==> flow/design.v <==
module alu_mult #(
    parameter int XLEN = 10
) (
    input logic CLK,
    input logic RST,
    input logic [XLEN-1:0] i_dataa,
    output logic [2*XLEN-1:0] o_m
);
    logic [XLEN-1:0] dataa_q;
    always_ff @(posedge CLK) begin
        if (RST) begin
            dataa_q <= 0;
            o_m <= 0;
        end else begin
            dataa_q <= i_dataa;
            o_m <= dataa_q * dataa_q;
        end
    end
endmodule
# --- Tool chain data of alu_mult ---
# Tool output for the design above, in the order of the flow.
# Lines are those of the file above, counted from 1.
# Operators: Yosys type, input widths -> output width; for muxes data width and select width s.
setup:
  design: "alu_mult"
  clock_port: "CLK"
  cell_library: "sky130hd"
  lib_corner: "tt_025C_1v80"

# --- Word-level counts ---
# Yosys after proc, flatten, opt, wreduce and memory -nomap, before mapping. Enables and synchronous resets that opt folds into registers are not counted as muxes. Memory bits, and registers merged into a memory's read port (data or address), are not among the register bits. Print and check cells are not counted. Equal cells are merged and count once.
classes:
  n_mul: 1
ops:
  columns: ["cell", "count"]
  rows:
  - ["$mul 10x10->20", 1]
word_totals:
  output_inout_bits: 20
  word_cells: 3
  register_bits: 30
  in_bits: 12

# --- Depth ---
# Depth = most cells in a row (Yosys ltp): at word level without a register or memory, in the mapped netlist without a sequential cell, where the memories' decode and read muxes count.
depth:
  word_depth: 1
  ABC_AREA: 0
  ltp_mapped: 19

# --- After synthesis ---
# Yosys stat after the flow's synthesis: flattened, memories mapped to cells. It holds for the ABC_AREA given above (unset counts as 0); a run with the other value may have another netlist.
# Totals and module areas in this step are rounded.
mapped:
  stdcells: 412
  buf_cells: 16
  area_um2: 3710
  seqArea_um2: 581
  ff_cells: 29
types:
  columns: ["type", "count", "area_total_um2"]
  rows:
  - ["sky130_fd_sc_hd__fa_1", 47, 940.902]
  - ["sky130_fd_sc_hd__ha_1", 49, 613.088]
  - ["sky130_fd_sc_hd__dfxtp_1", 29, 580.557]
  - ["sky130_fd_sc_hd__inv_1", 84, 315.302]
  - ["sky130_fd_sc_hd__and2_1", 24, 150.144]
  - ["sky130_fd_sc_hd__nor2b_1", 17, 106.352]
  - ["sky130_fd_sc_hd__nand2_1", 28, 105.101]
  - ["sky130_fd_sc_hd__xnor2_1", 9, 78.826]
  - ["sky130_fd_sc_hd__nor2_1", 16, 60.058]
  - ["sky130_fd_sc_hd__a21o_1", 7, 52.55]
  - ["sky130_fd_sc_hd__nor3_1", 10, 50.048]
  - ["sky130_fd_sc_hd__clkbuf_1", 13, 48.797]
  - ["sky130_fd_sc_hd__o21a_1", 6, 45.043]
  - ["sky130_fd_sc_hd__a21oi_1", 7, 35.034]
  - ["sky130_fd_sc_hd__mux2_1", 3, 33.782]
  - ["sky130_fd_sc_hd__and3_1", 5, 31.28]
  - ["sky130_fd_sc_hd__a221oi_4", 1, 26.275]
  - ["sky130_fd_sc_hd__and4_1", 3, 26.275]
# Other cell types: 38; their cells: 54.

# --- Worst setup path after synthesis ---
# Source: OpenSTA report_checks on the synthesized netlist (no wires, ideal clock, input and output delay 20% of the period each), path of least setup slack; recovery checks are left aside. Register names are those of the netlist, which keeps one name where synthesis merged equal registers.
synth_timing:
  kind: "register to register"
  startpoint: "reg dataa_q[1]"
  endpoint: "reg o_m[18]"
  setup_time_ns: 0.123
  path_stages: 16
  delay_ns: 4.836
  t_arrival_ns: 4.713
  required_ns: 5.917
  clock_period_ns: 6.04
  setup_slack_ns: 1.204
  period_less_setup_slack_ns: 4.836
# "delay_ns" = arrival - input delay + setup time.
# "path_stages": output pins that drive a net of the path, with the launching flip-flop's if there is one; two outputs of one cell count as two.
# "period_less_setup_slack_ns" = period - worst setup slack (recovery checks aside). The figure is calculated, with input and output delays left at 20% of the set period.
# Between the ends stands the longest chain of elaborated cells between them, by number of cells; it is not shown to be the way that was timed. Of several equally long chains one is given.
# Each line given opens the expression or statement behind the cell; cells for indexed reads and writes are added by Yosys, which also makes memories of some case tables.
synth_between:
  cell_sequence: "sky130_fd_sc_hd__dfxtp_1 sky130_fd_sc_hd__clkbuf_1 sky130_fd_sc_hd__and2_1 sky130_fd_sc_hd__fa_1 sky130_fd_sc_hd__fa_1 sky130_fd_sc_hd__ha_1 sky130_fd_sc_hd__fa_1 sky130_fd_sc_hd__inv_1 sky130_fd_sc_hd__fa_1 sky130_fd_sc_hd__inv_1 sky130_fd_sc_hd__ha_1 sky130_fd_sc_hd__a21o_1 sky130_fd_sc_hd__a221oi_4 sky130_fd_sc_hd__a21oi_2 sky130_fd_sc_hd__a211oi_2 sky130_fd_sc_hd__mux2_1"
  elab_chain_cells: 1
  cone_cells: 1
  cone_classes: "mul: 1"
synth_rtl:
  columns: ["item", "line_no", "rtl"]
  rows:
  - ["start, declared", 9, "logic [XLEN-1:0] dataa_q;"]
  - ["start, assigned", 12, "dataa_q <= 0;"]
  - ["start, assigned", 15, "dataa_q <= i_dataa;"]
  - ["$mul 10x10->20", 16, "o_m <= dataa_q * dataa_q;"]
  - ["end, assigned", 13, "o_m <= 0;"]
  - ["end, assigned", 16, null]
  - ["end, declared", 7, "output logic [2*XLEN-1:0] o_m"]

# --- Worst path after layout ---
# Path of least setup slack in the final report of run A (OpenROAD, finished layout, wires in). Where an end is a register, its clock arrival counts in the times.
layout_timing:
  kind: "register to register"
  startpoint: "reg dataa_q[1]"
  endpoint: "reg o_m[18]"
  setup_slack_ns: 0.88
  clock_period_ns: 6.04
  t_arrival_ns: 5.34
  setup_time_ns: 0.11
  path_stages: 15
  required_ns: 6.22
# Between the ends stands the longest chain of elaborated cells between them, by number of cells; it is not shown to be the way that was timed. Of several equally long chains one is given.
layout_between:
  cell_sequence: "sky130_fd_sc_hd__dfxtp_1 sky130_fd_sc_hd__and2_1 sky130_fd_sc_hd__fa_1 sky130_fd_sc_hd__fa_1 sky130_fd_sc_hd__ha_1 sky130_fd_sc_hd__fa_1 sky130_fd_sc_hd__inv_1 sky130_fd_sc_hd__fa_1 sky130_fd_sc_hd__inv_1 sky130_fd_sc_hd__ha_1 sky130_fd_sc_hd__a21o_1 sky130_fd_sc_hd__a221oi_4 sky130_fd_sc_hd__a21oi_2 sky130_fd_sc_hd__a211oi_2 sky130_fd_sc_hd__mux2_1"
  elab_chain_cells: 1
  cone_cells: 1
  cone_classes: "mul: 1"
layout_rtl:
  columns: ["item", "line_no", "rtl"]
  rows:
  - ["start, declared", 9, "logic [XLEN-1:0] dataa_q;"]
  - ["start, assigned", 12, "dataa_q <= 0;"]
  - ["start, assigned", 15, "dataa_q <= i_dataa;"]
  - ["$mul 10x10->20", 16, "o_m <= dataa_q * dataa_q;"]
  - ["end, assigned", 13, "o_m <= 0;"]
  - ["end, assigned", 16, null]
  - ["end, declared", 7, "output logic [2*XLEN-1:0] o_m"]

Wiki page: alu_mult / flow data

Design alu_mult on sky130hd. What follows are 3 stored runs of the flow, each under its own settings; their order means nothing. The constraints put input and output delay at 20% of the set period each and load the outputs with 0.01 pF.
By "totalPower_mw" is meant OpenSTA's value without simulated activity: inputs other than the clock are taken to toggle once in ten clock periods, and the tool carries that through the logic.
Measured values are rounded.

--- run A ---
==> flow/run.sh <==
#!/bin/bash
# the make line also repeats the synthesis and layout settings of config.mk as NAME=value (left out here)
make -C /OpenROAD-flow-scripts/flow DESIGN_CONFIG=/design/flow/config.mk WORK_HOME=/design/flow/orfs CLKGATE_MAP_FILE= finish
==> flow/config.mk <==
export PLATFORM = sky130hd
export DESIGN_NAME = alu_mult
export DESIGN_NICKNAME = alu_mult
export VERILOG_FILES = /design/flow/design.v
export SDC_FILE = /design/flow/constraint.sdc
export NUM_CORES = 4
export LEC_CHECK = 0
export CAP_MARGIN = 20
export CORE_MARGIN = 2
export CORE_UTILIZATION = 40
export SLEW_MARGIN = 20
==> flow/constraint.sdc <==
create_clock -name core_clock -period 6.04 [get_ports {CLK}]
set_input_delay 1.2080 -clock core_clock [delete_from_list [all_inputs] [get_ports {CLK}]]
set_output_delay 1.2080 -clock core_clock [all_outputs]
set_load 0.01 [all_outputs]

==> results, as YAML <==
results:
  totalPower_mw: 0.711
  finish.utilization_pct: 46.0
  timing.hold.ws_ns: 0.683
  ws_setup_ns: 0.881
  stdcell_area_um2: 4190
  design_die_area_um2: 10100
  final_setup_tns_ns: 0.000
  synth_area_um2: 3710

--- run B ---
==> flow/run.sh <==
#!/bin/bash
# the make line also repeats the synthesis and layout settings of config.mk as NAME=value (left out here)
make -C /OpenROAD-flow-scripts/flow DESIGN_CONFIG=/design/flow/config.mk WORK_HOME=/design/flow/orfs CLKGATE_MAP_FILE= finish
==> flow/config.mk <==
export PLATFORM = sky130hd
export DESIGN_NAME = alu_mult
export DESIGN_NICKNAME = alu_mult
export VERILOG_FILES = /design/flow/design.v
export SDC_FILE = /design/flow/constraint.sdc
export NUM_CORES = 4
export LEC_CHECK = 0
export CAP_MARGIN = 10
export CELL_PAD_IN_SITES_DETAIL_PLACEMENT = 1
export CORE_MARGIN = 2
export CORE_UTILIZATION = 48
export CTS_CLUSTER_DIAMETER = 332
export HOLD_SLACK_MARGIN = -0.1
export SLEW_MARGIN = 10
export TNS_END_PERCENT = 40
==> flow/constraint.sdc <==
create_clock -name core_clock -period 5.97 [get_ports {CLK}]
set_input_delay 1.1940 -clock core_clock [delete_from_list [all_inputs] [get_ports {CLK}]]
set_output_delay 1.1940 -clock core_clock [all_outputs]
set_load 0.01 [all_outputs]

==> results, as YAML <==
results:
  totalPower_mw: 0.752
  finish.utilization_pct: 55.1
  timing.hold.ws_ns: 0.696
  ws_setup_ns: 0.783
  stdcell_area_um2: 4190
  design_die_area_um2: 8460
  final_setup_tns_ns: 0.000
  synth_area_um2: 3710

--- run C ---
==> flow/run.sh <==
#!/bin/bash
# the make line also repeats the synthesis and layout settings of config.mk as NAME=value (left out here)
make -C /OpenROAD-flow-scripts/flow DESIGN_CONFIG=/design/flow/config.mk WORK_HOME=/design/flow/orfs CLKGATE_MAP_FILE= finish
==> flow/config.mk <==
export PLATFORM = sky130hd
export DESIGN_NAME = alu_mult
export DESIGN_NICKNAME = alu_mult
export VERILOG_FILES = /design/flow/design.v
export SDC_FILE = /design/flow/constraint.sdc
export NUM_CORES = 4
export LEC_CHECK = 0
export ABC_AREA = 1
export CAP_MARGIN = 10
export CELL_PAD_IN_SITES_DETAIL_PLACEMENT = 2
export CELL_PAD_IN_SITES_GLOBAL_PLACEMENT = 2
export CORE_ASPECT_RATIO = 0.67
export CORE_MARGIN = 2
export CORE_UTILIZATION = 61
export PLACE_DENSITY_LB_ADDON = 0.01
export SETUP_SLACK_MARGIN = 0.94
export SLEW_MARGIN = 20
==> flow/constraint.sdc <==
create_clock -name core_clock -period 3.91 [get_ports {CLK}]
set_input_delay 0.7820 -clock core_clock [delete_from_list [all_inputs] [get_ports {CLK}]]
set_output_delay 0.7820 -clock core_clock [all_outputs]
set_load 0.01 [all_outputs]

==> results, as YAML <==
outcome: "stopped before the end: placement reported FLW-0024"
